==> flow/design.v <==
module my_mem_stage #(
    parameter WORDS = 20,
    parameter WD = 6,
    parameter AW = $clog2(WORDS)
) (
    input wire core_clk,
    input wire rstn,
    input wire valid,
    input wire [AW-1:0] addr_in,
    input wire wr_en_in,
    input wire [WD-1:0] write_data_in,
    output wire [WD-1:0] dout_out
);
    reg [AW-1:0] addr_s;
    always @(posedge core_clk or negedge rstn) begin
        if (~rstn) begin
            addr_s <= 0;
        end else if (valid) begin
            addr_s <= addr_in;
        end
    end
    reg wr_en_s;
    always @(posedge core_clk or negedge rstn) begin
        if (~rstn) begin
            wr_en_s <= 1'b0;
        end else if (valid) begin
            wr_en_s <= wr_en_in;
        end
    end
    reg [WD-1:0] write_data_s;
    always @(posedge core_clk or negedge rstn) begin
        if (~rstn) begin
            write_data_s <= 0;
        end else if (valid) begin
            write_data_s <= write_data_in;
        end
    end
    reg [WD-1:0] ram [0:WORDS-1];
    always @(posedge core_clk)
        if (valid && wr_en_s) ram[addr_s] <= write_data_s;
    assign dout_out = wr_en_s ? write_data_s : ram[addr_s];
endmodule
# [Step by step through the tools: my_mem_stage]
# Module my_mem_stage in several versions that differ in "WORDS"; each step lists the members.
# The file above is the member WORDS = 20. Line numbers count from 1 in each member's own file.
# Operators carry their Yosys type and port widths (W data, S select, Z words).
# A cell with - has no value.
[setup] design="my_mem_stage" clock="core_clk" cell_library="sky130hd" lib_corner="tt_025C_1v80"

# [Source of the members]
# New or changed lines of each further member against the RTL above, in its own file; lines it lacks are not shown.
[changed_lines] WORDS=40 line_no=2 source="parameter WORDS = 40,"
[changed_lines] WORDS=48 line_no=2 source="parameter WORDS = 48,"
[changed_lines] WORDS=96 line_no=2 source="parameter WORDS = 96,"

# [Word level]
# Counts by Yosys on the flattened word-level netlist (proc, flatten, opt, wreduce; memories kept). Register bits leave out memories and registers merged into their read ports (data or address); mux counts leave out enables and synchronous resets folded into registers. Print and check cells are left out. Cells with the same type and inputs are merged into one.
# Memory sizes are those after Yosys's memory passes, which may raise the word count (mostly to a power of two), join words into wider ones and drop unused or constant bits.
[word_totals] WORDS=20 ff_bits=12 ramBits=120 mem_count=1 in_bits=15
[word_totals] WORDS=40 ff_bits=13 ramBits=240 mem_count=1 in_bits=16
[word_totals] WORDS=48 ff_bits=13 ramBits=288 mem_count=1 in_bits=16
[word_totals] WORDS=96 ff_bits=14 ramBits=576 mem_count=1 in_bits=17
[mem_list] WORDS=20 mem_shapes="ram 20 x 6 bit 1R1W"
[mem_list] WORDS=40 mem_shapes="ram 40 x 6 bit 1R1W"
[mem_list] WORDS=48 mem_shapes="ram 48 x 6 bit 1R1W"
[mem_list] WORDS=96 mem_shapes="ram 96 x 6 bit 1R1W"
[op_classes] WORDS=20 n_mux=4 n_reduce_logical=1
[op_classes] WORDS=40 n_mux=4 n_reduce_logical=1
[op_classes] WORDS=48 n_mux=4 n_reduce_logical=1
[op_classes] WORDS=96 n_mux=4 n_reduce_logical=1
[op_table] WORDS=20 operators="$mux W6 (2); $mux W5 (1); $logic_and A1 B1 Y1 (1); $mux W1 (1)"
[op_table] WORDS=40 operators="$mux W6 (3); $logic_and A1 B1 Y1 (1); $mux W1 (1)"
[op_table] WORDS=48 operators="$mux W6 (3); $logic_and A1 B1 Y1 (1); $mux W1 (1)"
[op_table] WORDS=96 operators="$mux W6 (2); $mux W7 (1); $logic_and A1 B1 Y1 (1); $mux W1 (1)"

# [Depth]
# Yosys ltp: most cells in a row. Word level: on the elaborated netlist, between registers, memories and ports. Mapped: between sequential cells and ports; inverters and the memories' decode and read muxes count.
[logic_depth] WORDS=20 ltp_word=2 abc_area=0 ltp_mapped=6 ltp_nobuf=4
[logic_depth] WORDS=40 ltp_word=2 abc_area=0 ltp_mapped=9 ltp_nobuf=5
[logic_depth] WORDS=48 ltp_word=2 abc_area=0 ltp_mapped=9 ltp_nobuf=6
[logic_depth] WORDS=96 ltp_word=2 abc_area=0 ltp_mapped=10 ltp_nobuf=6

# [Netlist]
# Yosys stat after the flow's synthesis: flattened, memories mapped to cells. It holds for the ABC_AREA given above (unset counts as 0); a run with the other value may have another netlist.
[mapped] WORDS=20 cell_count=295 synth_area_um2=5253.8 seq_area_um2=3903.7 ff_cells=132 n_buf=17
[mapped] WORDS=40 cell_count=611 synth_area_um2=10173.5 seq_area_um2=7532.2 ff_cells=253 n_buf=40
[mapped] WORDS=48 cell_count=716 synth_area_um2=12044.1 seq_area_um2=8973.6 ff_cells=301 n_buf=48
[mapped] WORDS=96 cell_count=1309 synth_area_um2=23452.5 seq_area_um2=17646.9 ff_cells=590 n_buf=90
[types] WORDS=20 cell_types="sky130_fd_sc_hd__edfxtp_1 (120); sky130_fd_sc_hd__mux2i_1 (38); sky130_fd_sc_hd__dfrtp_1 (12); sky130_fd_sc_hd__mux4_2 (11); sky130_fd_sc_hd__mux2_2 (11); sky130_fd_sc_hd__o22ai_1 (17); sky130_fd_sc_hd__nor2_1 (22); sky130_fd_sc_hd__buf_2 (10); sky130_fd_sc_hd__a22oi_1 (5); sky130_fd_sc_hd__nor2b_1 (5); sky130_fd_sc_hd__nor4_1 (5); sky130_fd_sc_hd__a21oi_1 (5); sky130_fd_sc_hd__buf_6 (2); sky130_fd_sc_hd__nand2_1 (6); sky130_fd_sc_hd__or4b_4 (1); sky130_fd_sc_hd__or3_1 (2); sky130_fd_sc_hd__clkbuf_1 (3); sky130_fd_sc_hd__nand4bb_1 (1); (+19)"
[types] WORDS=40 cell_types="sky130_fd_sc_hd__edfxtp_1 (240); sky130_fd_sc_hd__dfrtp_1 (13); sky130_fd_sc_hd__mux2i_1 (32); sky130_fd_sc_hd__a221oi_1 (33); sky130_fd_sc_hd__mux4_2 (12); sky130_fd_sc_hd__nor2_1 (57); sky130_fd_sc_hd__mux2_2 (16); sky130_fd_sc_hd__buf_6 (10); sky130_fd_sc_hd__nand2_1 (30); sky130_fd_sc_hd__buf_2 (18); sky130_fd_sc_hd__a31oi_1 (12); sky130_fd_sc_hd__o21ai_0 (14); sky130_fd_sc_hd__o22a_1 (7); sky130_fd_sc_hd__a22o_1 (6); sky130_fd_sc_hd__a22oi_1 (7); sky130_fd_sc_hd__o22ai_1 (8); sky130_fd_sc_hd__a21oi_1 (7); sky130_fd_sc_hd__a41oi_1 (4); (+85)"
[types] WORDS=48 cell_types="sky130_fd_sc_hd__edfxtp_1 (288); sky130_fd_sc_hd__mux2i_1 (42); sky130_fd_sc_hd__mux4_2 (16); sky130_fd_sc_hd__dfrtp_1 (13); sky130_fd_sc_hd__mux2_2 (25); sky130_fd_sc_hd__nor2_1 (70); sky130_fd_sc_hd__a221oi_1 (22); sky130_fd_sc_hd__a21oi_1 (24); sky130_fd_sc_hd__a22oi_1 (15); sky130_fd_sc_hd__nand2_1 (29); sky130_fd_sc_hd__o21ai_0 (21); sky130_fd_sc_hd__buf_6 (9); sky130_fd_sc_hd__buf_2 (19); sky130_fd_sc_hd__o22ai_1 (12); sky130_fd_sc_hd__a311oi_1 (8); sky130_fd_sc_hd__mux2_4 (4); sky130_fd_sc_hd__o32a_1 (6); sky130_fd_sc_hd__a22o_1 (6); (+87)"
[types] WORDS=96 cell_types="sky130_fd_sc_hd__edfxtp_1 (576); sky130_fd_sc_hd__mux4_2 (58); sky130_fd_sc_hd__mux2i_1 (75); sky130_fd_sc_hd__mux2_2 (40); sky130_fd_sc_hd__nor2_1 (109); sky130_fd_sc_hd__a221oi_1 (44); sky130_fd_sc_hd__dfrtp_1 (14); sky130_fd_sc_hd__a22oi_1 (26); sky130_fd_sc_hd__nand2_1 (48); sky130_fd_sc_hd__buf_2 (29); sky130_fd_sc_hd__buf_4 (19); sky130_fd_sc_hd__a221o_1 (14); sky130_fd_sc_hd__a21oi_1 (27); sky130_fd_sc_hd__clkbuf_1 (31); sky130_fd_sc_hd__o21ai_0 (23); sky130_fd_sc_hd__a22o_1 (11); sky130_fd_sc_hd__o22ai_1 (15); sky130_fd_sc_hd__buf_6 (8); (+142)"
# The mark (+n) counts cells that are not listed.

# [Path before layout]
# OpenSTA on the mapped netlist: ideal clock, no wires. The path of least setup slack (recovery checks aside). Input and output delay are each 20% of the period. Register names are those of the netlist, which keeps one name where synthesis merged equal registers.
[synth_path] WORDS=20 kind="reg2out" from="register addr_s[3]" to="output dout_out[4]" period_ns=2.37 path_slack_ns=0.380 driving_pins=7 path_delay_ns=1.516 period_less_setup_slack_ns=1.99
[synth_path] WORDS=40 kind="reg2out" from="register addr_s[0]" to="output dout_out[0]" period_ns=2.7 path_slack_ns=0.434 driving_pins=9 path_delay_ns=1.726 period_less_setup_slack_ns=2.266
[synth_path] WORDS=48 kind="reg2out" from="register addr_s[1]" to="output dout_out[5]" period_ns=2.87 path_slack_ns=0.461 driving_pins=9 path_delay_ns=1.835 period_less_setup_slack_ns=2.409
[synth_path] WORDS=96 kind="reg2out" from="register addr_s[0]" to="output dout_out[4]" period_ns=3.09 path_slack_ns=0.492 driving_pins=8 path_delay_ns=1.980 period_less_setup_slack_ns=2.598
# "path_delay_ns" = arrival - input delay + setup time.
# A path that ends at an output port has no setup time.
# "driving_pins": output pins that drive a net of the path, with the launching flip-flop's if there is one; two outputs of one cell count as two.
# "period_less_setup_slack_ns" is the clock period less the worst setup slack; recovery checks do not enter. This is arithmetic on one report: input and output delays are still those of the set period (20% each).
# Between the ends stands the longest chain of elaborated cells between them, by number of cells; it is not shown to be the way that was timed. Of several equally long chains one is given.
# Each line given opens the expression or statement behind the cell; cells for indexed reads and writes are added by Yosys, which also makes memories of some case tables.
# A memory read counts as a cell of the chain, while the word-level depth stops at memories.
[synth_via_WORDS_20] elab_chain_len=2
[synth_lines_WORDS_20] item="from (decl)" line_no=14 source="reg [AW-1:0] addr_s;"
[synth_lines_WORDS_20] item="from (assign)" line_no=17 source="addr_s <= 0;"
[synth_lines_WORDS_20] item="from (assign)" line_no=19 source="addr_s <= addr_in;"
[synth_lines_WORDS_20] item="$mem_v2 Z20 W6" line_no=38 source="reg [WD-1:0] ram [0:WORDS-1];"
[synth_lines_WORDS_20] item="$mux W6" line_no=41 source="assign dout_out = wr_en_s ? write_data_s : ram[addr_s];"
[synth_lines_WORDS_20] item="to (decl)" line_no=12 source="output wire [WD-1:0] dout_out"
[synth_via_WORDS_96] elab_chain_len=2
[synth_lines_WORDS_96] item="from (decl)" line_no=14 source="reg [AW-1:0] addr_s;"
[synth_lines_WORDS_96] item="from (assign)" line_no=17 source="addr_s <= 0;"
[synth_lines_WORDS_96] item="from (assign)" line_no=19 source="addr_s <= addr_in;"
[synth_lines_WORDS_96] item="$mem_v2 Z96 W6" line_no=38 source="reg [WD-1:0] ram [0:WORDS-1];"
[synth_lines_WORDS_96] item="$mux W6" line_no=41 source="assign dout_out = wr_en_s ? write_data_s : ram[addr_s];"
[synth_lines_WORDS_96] item="to (decl)" line_no=12 source="output wire [WD-1:0] dout_out"

# [Path in the finished layout]
# Path of least setup slack in the final report of the run of each member (OpenROAD, finished layout, wires in). Where an end is a register, its clock arrival counts in the times.
[layout_path] WORDS=20 kind="reg2out" from="register addr_s[4]" to="output dout_out[1]" period_ns=2.37 path_slack_ns=-0.28 driving_pins=7 t_arrival_ns=2.18 n_path_buf=2
[layout_path] WORDS=40 kind="reg2out" from="register addr_s[1]" to="output dout_out[0]" period_ns=2.7 path_slack_ns=-0.59 driving_pins=9 t_arrival_ns=2.75 n_path_buf=3
[layout_path] WORDS=48 kind="reg2out" from="register addr_s[2]" to="output dout_out[5]" period_ns=2.87 path_slack_ns=-0.71 driving_pins=12 t_arrival_ns=3.01 n_path_buf=5
[layout_path] WORDS=96 kind="reg2out" from="register addr_s[0]" to="output dout_out[0]" period_ns=3.09 path_slack_ns=-0.75 driving_pins=11 t_arrival_ns=3.22 n_path_buf=5

# [Flow runs]
# One run of the flow (Yosys, OpenROAD) for each member, with settings and measured results. Input and output delays are each 20% of the period that was set; the output load is 0.01 pF.
[flow_settings] CAP_MARGIN=20 CORE_MARGIN=2 CORE_UTILIZATION=40 SLEW_MARGIN=20
[settings_by_member] WORDS=20 period_ns=2.37
[settings_by_member] WORDS=40 period_ns=2.7
[settings_by_member] WORDS=48 period_ns=2.87
[settings_by_member] WORDS=96 period_ns=3.09
[results] WORDS=20 synth_area_um2=5253.8 die_footprint_um2=14067.1 stdcell_area_um2=6769.0 final_util_frac=0.532 setup_worst_slack_ns=-0.284 tns_setup_ns=-1.499 power_w=0.006039 achieved_period_ns=2.654
[results] WORDS=40 synth_area_um2=10173.5 die_footprint_um2=26725.7 stdcell_area_um2=13082.5 final_util_frac=0.521 setup_worst_slack_ns=-0.588 tns_setup_ns=-2.873 power_w=0.008971 achieved_period_ns=3.288
[results] WORDS=48 synth_area_um2=12044.1 die_footprint_um2=31513.4 stdcell_area_um2=15275.9 final_util_frac=0.515 setup_worst_slack_ns=-0.709 tns_setup_ns=-3.620 power_w=0.010284 achieved_period_ns=3.579
[results] WORDS=96 synth_area_um2=23452.5 die_footprint_um2=60584.9 stdcell_area_um2=29321.9 final_util_frac=0.507 setup_worst_slack_ns=-0.753 tns_setup_ns=-4.131 power_w=0.018168 achieved_period_ns=3.843
# By "achieved_period_ns" is meant the clock period of the run minus its worst setup slack. This is arithmetic on one report: input and output delays are still those of the set period (20% each).
# "power_w": no workload was simulated; the value follows from the tool's default switching activity.
